==> flow/design.v <==
module mul_unit_n (clk, RSTN, opa_i, res_o);
   parameter XLEN = 28;
   parameter SCALE = 2731;
   localparam RW = XLEN + $clog2(SCALE + 1);
   input clk;
   input RSTN;
   input [XLEN-1:0] opa_i;
   output [RW-1:0] res_o;
   reg [XLEN-1:0] opa_r;
   always @(posedge clk) begin
      if (!RSTN) begin
         opa_r <= 0;
      end else begin
         opa_r <= opa_i;
      end
   end
   reg [RW-1:0] tmp;
   integer n;
   always @* begin
      tmp = 0;
      for (n = 0; n < RW - XLEN; n = n + 1)
         if ((SCALE >> n) & 1) tmp = tmp + (opa_r << n);
   end
   reg [RW-1:0] res_r;
   always @(posedge clk) begin
      if (!RSTN) begin
         res_r <= 0;
      end else begin
         res_r <= tmp;
      end
   end
   assign res_o = res_r;
endmodule
Tool chain data of mul_unit_n
The steps from the RTL of mul_unit_n to its reports follow in flow order.
Lines are those of the file above, counted from 1.
Operators carry their Yosys type and port widths (W data, S select, Z words).
{"block": "setup", "top_module": "mul_unit_n", "clk_port": "clk", "library": "sky130hd", "pvt_corner": "tt_025C_1v80"}

Elaborated design
Source: Yosys, flattened and elaborated, memories not mapped. Widths are those after wreduce; folded enables and synchronous resets count as part of the registers. Registers that Yosys merges into a memory's read port (data or address) are not register bits. Print and check cells do not count. Equal cells are merged and count once.
{"block": "word_totals", "regBits": 68, "in_bits": 30, "out_inout_bits": 40, "wordCells": 8}
{"block": "op_classes", "n_addsub": 6}
{"block": "ops", "cell": "$add A38 B39 Y40", "count": 1}
{"block": "ops", "cell": "$add A36 B37 Y38", "count": 1}
{"block": "ops", "cell": "$add A34 B35 Y36", "count": 1}
{"block": "ops", "cell": "$add A32 B33 Y34", "count": 1}
{"block": "ops", "cell": "$add A30 B31 Y32", "count": 1}
{"block": "ops", "cell": "$add A28 B29 Y30", "count": 1}

Depth
Depth = most cells in a row (Yosys ltp): at word level without a register or memory, in the mapped netlist without a sequential cell, where the memories' decode and read muxes count.
{"block": "logic_depth", "ltp_word": 6, "ABC_AREA": 0, "depth_mapped": 17, "depth_no_buf": 16}

After synthesis
Yosys stat after the flow's synthesis: flattened, memories mapped to cells. It holds for the ABC_AREA given above (unset counts as 0); a run with the other value may have another netlist.
Totals and module areas in this step are rounded.
{"block": "synth_totals", "cells": 715, "area_um2": 6860, "seq_area_um2": 1360, "ff_cells": 68, "n_buf": 22}
{"block": "by_type", "type": "sky130_fd_sc_hd__fa_1", "count": 96, "type_area_um2": 1.92E+03}
{"block": "by_type", "type": "sky130_fd_sc_hd__dfxtp_1", "count": 68, "type_area_um2": 1.36E+03}
{"block": "by_type", "type": "sky130_fd_sc_hd__ha_1", "count": 79, "type_area_um2": 988.448}
{"block": "by_type", "type": "sky130_fd_sc_hd__inv_1", "count": 135, "type_area_um2": 506.736}
{"block": "by_type", "type": "sky130_fd_sc_hd__and2_1", "count": 37, "type_area_um2": 231.472}
{"block": "by_type", "type": "sky130_fd_sc_hd__a21oi_1", "count": 34, "type_area_um2": 170.163}
{"block": "by_type", "type": "sky130_fd_sc_hd__nand2_1", "count": 41, "type_area_um2": 153.898}
{"block": "by_type", "type": "sky130_fd_sc_hd__nor2_1", "count": 34, "type_area_um2": 127.622}
{"block": "by_type", "type": "sky130_fd_sc_hd__mux2i_1", "count": 12, "type_area_um2": 120.115}
{"block": "by_type", "type": "sky130_fd_sc_hd__xor2_1", "count": 12, "type_area_um2": 105.101}
{"block": "by_type", "type": "sky130_fd_sc_hd__a21o_1", "count": 12, "type_area_um2": 90.086}
{"block": "by_type", "type": "sky130_fd_sc_hd__nand2b_1", "count": 14, "type_area_um2": 87.584}
{"block": "by_type", "type": "sky130_fd_sc_hd__xnor2_1", "count": 9, "type_area_um2": 78.826}
{"block": "by_type", "type": "sky130_fd_sc_hd__o21ai_0", "count": 13, "type_area_um2": 65.062}
{"block": "by_type", "type": "sky130_fd_sc_hd__nor3_1", "count": 12, "type_area_um2": 60.058}
{"block": "by_type", "type": "sky130_fd_sc_hd__nand3_1", "count": 9, "type_area_um2": 45.043}
{"block": "by_type", "type": "sky130_fd_sc_hd__o21a_1", "count": 6, "type_area_um2": 45.043}
{"block": "by_type", "type": "sky130_fd_sc_hd__a31oi_1", "count": 6, "type_area_um2": 37.536}
Other cell types: 35; their cells: 86.

Worst setup path after synthesis
Path of least setup slack by OpenSTA after synthesis, without wires, with an ideal clock, recovery checks aside; 20% of the period is set as input and as output delay. Where synthesis merged equal registers, the netlist keeps one of their names.
{"block": "synth_path", "path_kind": "reg-to-reg", "startpoint": "register opa_r[11]", "endpoint": "register res_r[25]", "clock_period_ns": 5.39, "setup_time_ns": 0.072, "t_first_pin_ns": 0.000, "arrival_time_ns": 4.237, "required_ns": 5.318, "setup_slack_ns": 1.081, "delay_ns": 4.309, "stages": 17, "n_path_buf": 0, "synth_period_reached_ns": 4.309}
"delay_ns" = arrival - input delay + setup time.
"stages" counts driving pins, that of a launching flip-flop among them; a cell with two outputs on the path counts twice.
"synth_period_reached_ns" = period - worst setup slack (recovery checks aside). The figure is calculated, with input and output delays left at 20% of the set period.
Between the ends stands the longest chain of elaborated cells between them, by number of cells; it is not shown to be the way that was timed. Of several equally long chains one is given.
Each line given opens the expression or statement behind the cell; cells for indexed reads and writes are added by Yosys, which also makes memories of some case tables.
{"block": "synth_between", "path_cell_list": "sky130_fd_sc_hd__dfxtp_1 sky130_fd_sc_hd__inv_1 sky130_fd_sc_hd__fa_1 sky130_fd_sc_hd__inv_1 sky130_fd_sc_hd__fa_1 sky130_fd_sc_hd__inv_1 sky130_fd_sc_hd__fa_1 sky130_fd_sc_hd__fa_1 sky130_fd_sc_hd__inv_1 sky130_fd_sc_hd__ha_1 sky130_fd_sc_hd__a21oi_1 sky130_fd_sc_hd__nor3_1 sky130_fd_sc_hd__nor2_2 sky130_fd_sc_hd__nand2_1 sky130_fd_sc_hd__or2_4 sky130_fd_sc_hd__a31oi_1 sky130_fd_sc_hd__mux2i_1", "elab_chain_cells": 6, "cone_cells": 6, "lines_between": 1, "cone_classes": "add/sub: 6"}
{"block": "synth_lines", "element": "from (decl)", "line_no": 9, "text": "reg [XLEN-1:0] opa_r;"}
{"block": "synth_lines", "element": "from (assign)", "line_no": 12, "text": "opa_r <= 0;"}
{"block": "synth_lines", "element": "from (assign)", "line_no": 14, "text": "opa_r <= opa_i;"}
{"block": "synth_lines", "element": "$add A28 B29 Y30", "line_no": 22, "text": "if ((SCALE >> n) & 1) tmp = tmp + (opa_r << n);"}
{"block": "synth_lines", "element": "$add A30 B31 Y32", "line_no": 22}
{"block": "synth_lines", "element": "$add A32 B33 Y34", "line_no": 22}
{"block": "synth_lines", "element": "$add A34 B35 Y36", "line_no": 22}
{"block": "synth_lines", "element": "$add A36 B37 Y38", "line_no": 22}
{"block": "synth_lines", "element": "$add A38 B39 Y40", "line_no": 22}
{"block": "synth_lines", "element": "to (assign)", "line_no": 27, "text": "res_r <= 0;"}
{"block": "synth_lines", "element": "to (assign)", "line_no": 29, "text": "res_r <= tmp;"}
{"block": "synth_lines", "element": "to (decl)", "line_no": 24, "text": "reg [RW-1:0] res_r;"}

Timing after layout
Path of least setup slack in the final report of run A (OpenROAD, finished layout, wires in). Where an end is a register, its clock arrival counts in the times.
{"block": "layout_path", "path_kind": "reg-to-reg", "startpoint": "register opa_r[11]", "endpoint": "register res_r[25]", "clock_period_ns": 6.05, "setup_time_ns": 0.07, "t_first_pin_ns": 0.34, "arrival_time_ns": 5.22, "required_ns": 6.32, "setup_slack_ns": 1.10, "stages": 17, "n_path_buf": 0}
Between the ends stands the longest chain of elaborated cells between them, by number of cells; it is not shown to be the way that was timed. Of several equally long chains one is given.
{"block": "layout_between", "path_cell_list": "sky130_fd_sc_hd__dfxtp_1 sky130_fd_sc_hd__inv_1 sky130_fd_sc_hd__fa_1 sky130_fd_sc_hd__inv_1 sky130_fd_sc_hd__fa_1 sky130_fd_sc_hd__inv_1 sky130_fd_sc_hd__fa_1 sky130_fd_sc_hd__fa_1 sky130_fd_sc_hd__inv_1 sky130_fd_sc_hd__ha_1 sky130_fd_sc_hd__a21oi_1 sky130_fd_sc_hd__nor3_1 sky130_fd_sc_hd__nor2_2 sky130_fd_sc_hd__nand2_1 sky130_fd_sc_hd__or2_4 sky130_fd_sc_hd__a31oi_1 sky130_fd_sc_hd__mux2i_1", "elab_chain_cells": 6, "cone_cells": 6, "lines_between": 1, "cone_classes": "add/sub: 6"}
{"block": "layout_lines", "element": "from (decl)", "line_no": 9, "text": "reg [XLEN-1:0] opa_r;"}
{"block": "layout_lines", "element": "from (assign)", "line_no": 12, "text": "opa_r <= 0;"}
{"block": "layout_lines", "element": "from (assign)", "line_no": 14, "text": "opa_r <= opa_i;"}
{"block": "layout_lines", "element": "$add A28 B29 Y30", "line_no": 22, "text": "if ((SCALE >> n) & 1) tmp = tmp + (opa_r << n);"}
{"block": "layout_lines", "element": "$add A30 B31 Y32", "line_no": 22}
{"block": "layout_lines", "element": "$add A32 B33 Y34", "line_no": 22}
{"block": "layout_lines", "element": "$add A34 B35 Y36", "line_no": 22}
{"block": "layout_lines", "element": "$add A36 B37 Y38", "line_no": 22}
{"block": "layout_lines", "element": "$add A38 B39 Y40", "line_no": 22}
{"block": "layout_lines", "element": "to (assign)", "line_no": 27, "text": "res_r <= 0;"}
{"block": "layout_lines", "element": "to (assign)", "line_no": 29, "text": "res_r <= tmp;"}
{"block": "layout_lines", "element": "to (decl)", "line_no": 24, "text": "reg [RW-1:0] res_r;"}

Hand-over note for mul_unit_n

Measured results for mul_unit_n: 3 stored runs of the Yosys and OpenROAD flow on sky130hd. The settings differ; the order carries no meaning. The constraints put input and output delay at 20% of the set period each and load the outputs with 0.01 pF.
"period_less_ws_ns" is the run's clock period less its worst setup slack. It is reckoned from that one timing run; input and output delays stay at 20% of the period that was set.
By "critical_path_time_ns" is meant the share of the clock period that the worst setup path is allowed (20% is reserved at inputs, 20% at outputs), minus its slack. Clock arrival times at its registers enter into it.
By "power_uw" is meant OpenSTA's value without simulated activity: inputs other than the clock are taken to toggle once in ten clock periods, and the tool carries that through the logic.
Results are given in rounded form.

Run A
==> flow/run.sh <==
#!/bin/bash
# the make line also repeats the synthesis and layout settings of config.mk as NAME=value (left out here)
make -C /OpenROAD-flow-scripts/flow DESIGN_CONFIG=/design/flow/config.mk WORK_HOME=/design/flow/orfs CLKGATE_MAP_FILE= finish
==> flow/config.mk <==
export PLATFORM = sky130hd
export DESIGN_NAME = mul_unit_n
export DESIGN_NICKNAME = mul_unit_n
export VERILOG_FILES = /design/flow/design.v
export SDC_FILE = /design/flow/constraint.sdc
export NUM_CORES = 4
export LEC_CHECK = 0
export CAP_MARGIN = 40
export CORE_MARGIN = 2
export CORE_UTILIZATION = 33
export CTS_CLUSTER_DIAMETER = 178
export CTS_CLUSTER_SIZE = 98
export GPL_TIMING_DRIVEN = 1
export MIN_ROUTING_LAYER = met1
export PLACE_DENSITY = 0.46
export SETUP_SLACK_MARGIN = 0.57
export SLEW_MARGIN = 20
==> flow/constraint.sdc <==
create_clock -name core_clock -period 6.05 [get_ports {clk}]
set_input_delay 1.2100 -clock core_clock [delete_from_list [all_inputs] [get_ports {clk}]]
set_output_delay 1.2100 -clock core_clock [all_outputs]
set_load 0.01 [all_outputs]

==> results of run A, as JSON <==
{
  "total_die_area_um2": 22000,
  "fin_hold_ws_ns": 0.608,
  "layout_utilization_pct": 39.8,
  "tns_setup_ns": 0.000,
  "critical_path_time_ns": 4.95,
  "timing.worst_path_kind": "reg-to-reg",
  "period_less_ws_ns": 4.953,
  "layout_stdcell_area_um2": 8090,
  "ws_setup_ns": 1.10,
  "synth_chip_area_um2": 6860,
  "power_uw": 3730
}

Run B
==> flow/run.sh <==
#!/bin/bash
# the make line also repeats the synthesis and layout settings of config.mk as NAME=value (left out here)
make -C /OpenROAD-flow-scripts/flow DESIGN_CONFIG=/design/flow/config.mk WORK_HOME=/design/flow/orfs CLKGATE_MAP_FILE= finish
==> flow/config.mk <==
export PLATFORM = sky130hd
export DESIGN_NAME = mul_unit_n
export DESIGN_NICKNAME = mul_unit_n
export VERILOG_FILES = /design/flow/design.v
export SDC_FILE = /design/flow/constraint.sdc
export NUM_CORES = 4
export LEC_CHECK = 0
export CAP_MARGIN = 20
export CELL_PAD_IN_SITES_GLOBAL_PLACEMENT = 2
export CORE_MARGIN = 2
export CORE_UTILIZATION = 37
export CTS_CLUSTER_DIAMETER = 314
export CTS_CLUSTER_SIZE = 47
export GPL_ROUTABILITY_DRIVEN = 0
export MAX_ROUTING_LAYER = met4
export PLACE_DENSITY = 0.67
export SLEW_MARGIN = 10
==> flow/constraint.sdc <==
create_clock -name core_clock -period 3.43 [get_ports {clk}]
set_input_delay 0.6860 -clock core_clock [delete_from_list [all_inputs] [get_ports {clk}]]
set_output_delay 0.6860 -clock core_clock [all_outputs]
set_load 0.01 [all_outputs]

==> results of run B, as JSON <==
{
  "fin_hold_ws_ns": 0.637,
  "layout_utilization_pct": 58.2,
  "ws_setup_ns": -0.859,
  "tns_setup_ns": -19.5,
  "total_die_area_um2": 19700,
  "critical_path_time_ns": 4.29,
  "timing.worst_path_kind": "reg-to-reg",
  "layout_stdcell_area_um2": 10500,
  "period_less_ws_ns": 4.289,
  "synth_chip_area_um2": 6860,
  "power_uw": 9860
}

Run C
==> flow/run.sh <==
#!/bin/bash
# the make line also repeats the synthesis and layout settings of config.mk as NAME=value (left out here)
make -C /OpenROAD-flow-scripts/flow DESIGN_CONFIG=/design/flow/config.mk WORK_HOME=/design/flow/orfs CLKGATE_MAP_FILE= finish
==> flow/config.mk <==
export PLATFORM = sky130hd
export DESIGN_NAME = mul_unit_n
export DESIGN_NICKNAME = mul_unit_n
export VERILOG_FILES = /design/flow/design.v
export SDC_FILE = /design/flow/constraint.sdc
export NUM_CORES = 4
export LEC_CHECK = 0
export CAP_MARGIN = 20
export CORE_MARGIN = 2
export CORE_UTILIZATION = 40
export SLEW_MARGIN = 20
==> flow/constraint.sdc <==
create_clock -name core_clock -period 5.39 [get_ports {clk}]
set_input_delay 1.0780 -clock core_clock [delete_from_list [all_inputs] [get_ports {clk}]]
set_output_delay 1.0780 -clock core_clock [all_outputs]
set_load 0.01 [all_outputs]

==> results of run C, as JSON <==
{
  "layout_stdcell_area_um2": 7990,
  "power_uw": 4100,
  "total_die_area_um2": 18200,
  "period_less_ws_ns": 4.961,
  "synth_chip_area_um2": 6860,
  "ws_setup_ns": 0.429,
  "tns_setup_ns": 0.000,
  "fin_hold_ws_ns": 0.607,
  "layout_utilization_pct": 47.9,
  "critical_path_time_ns": 4.96,
  "timing.worst_path_kind": "reg-to-reg"
}

End of note.
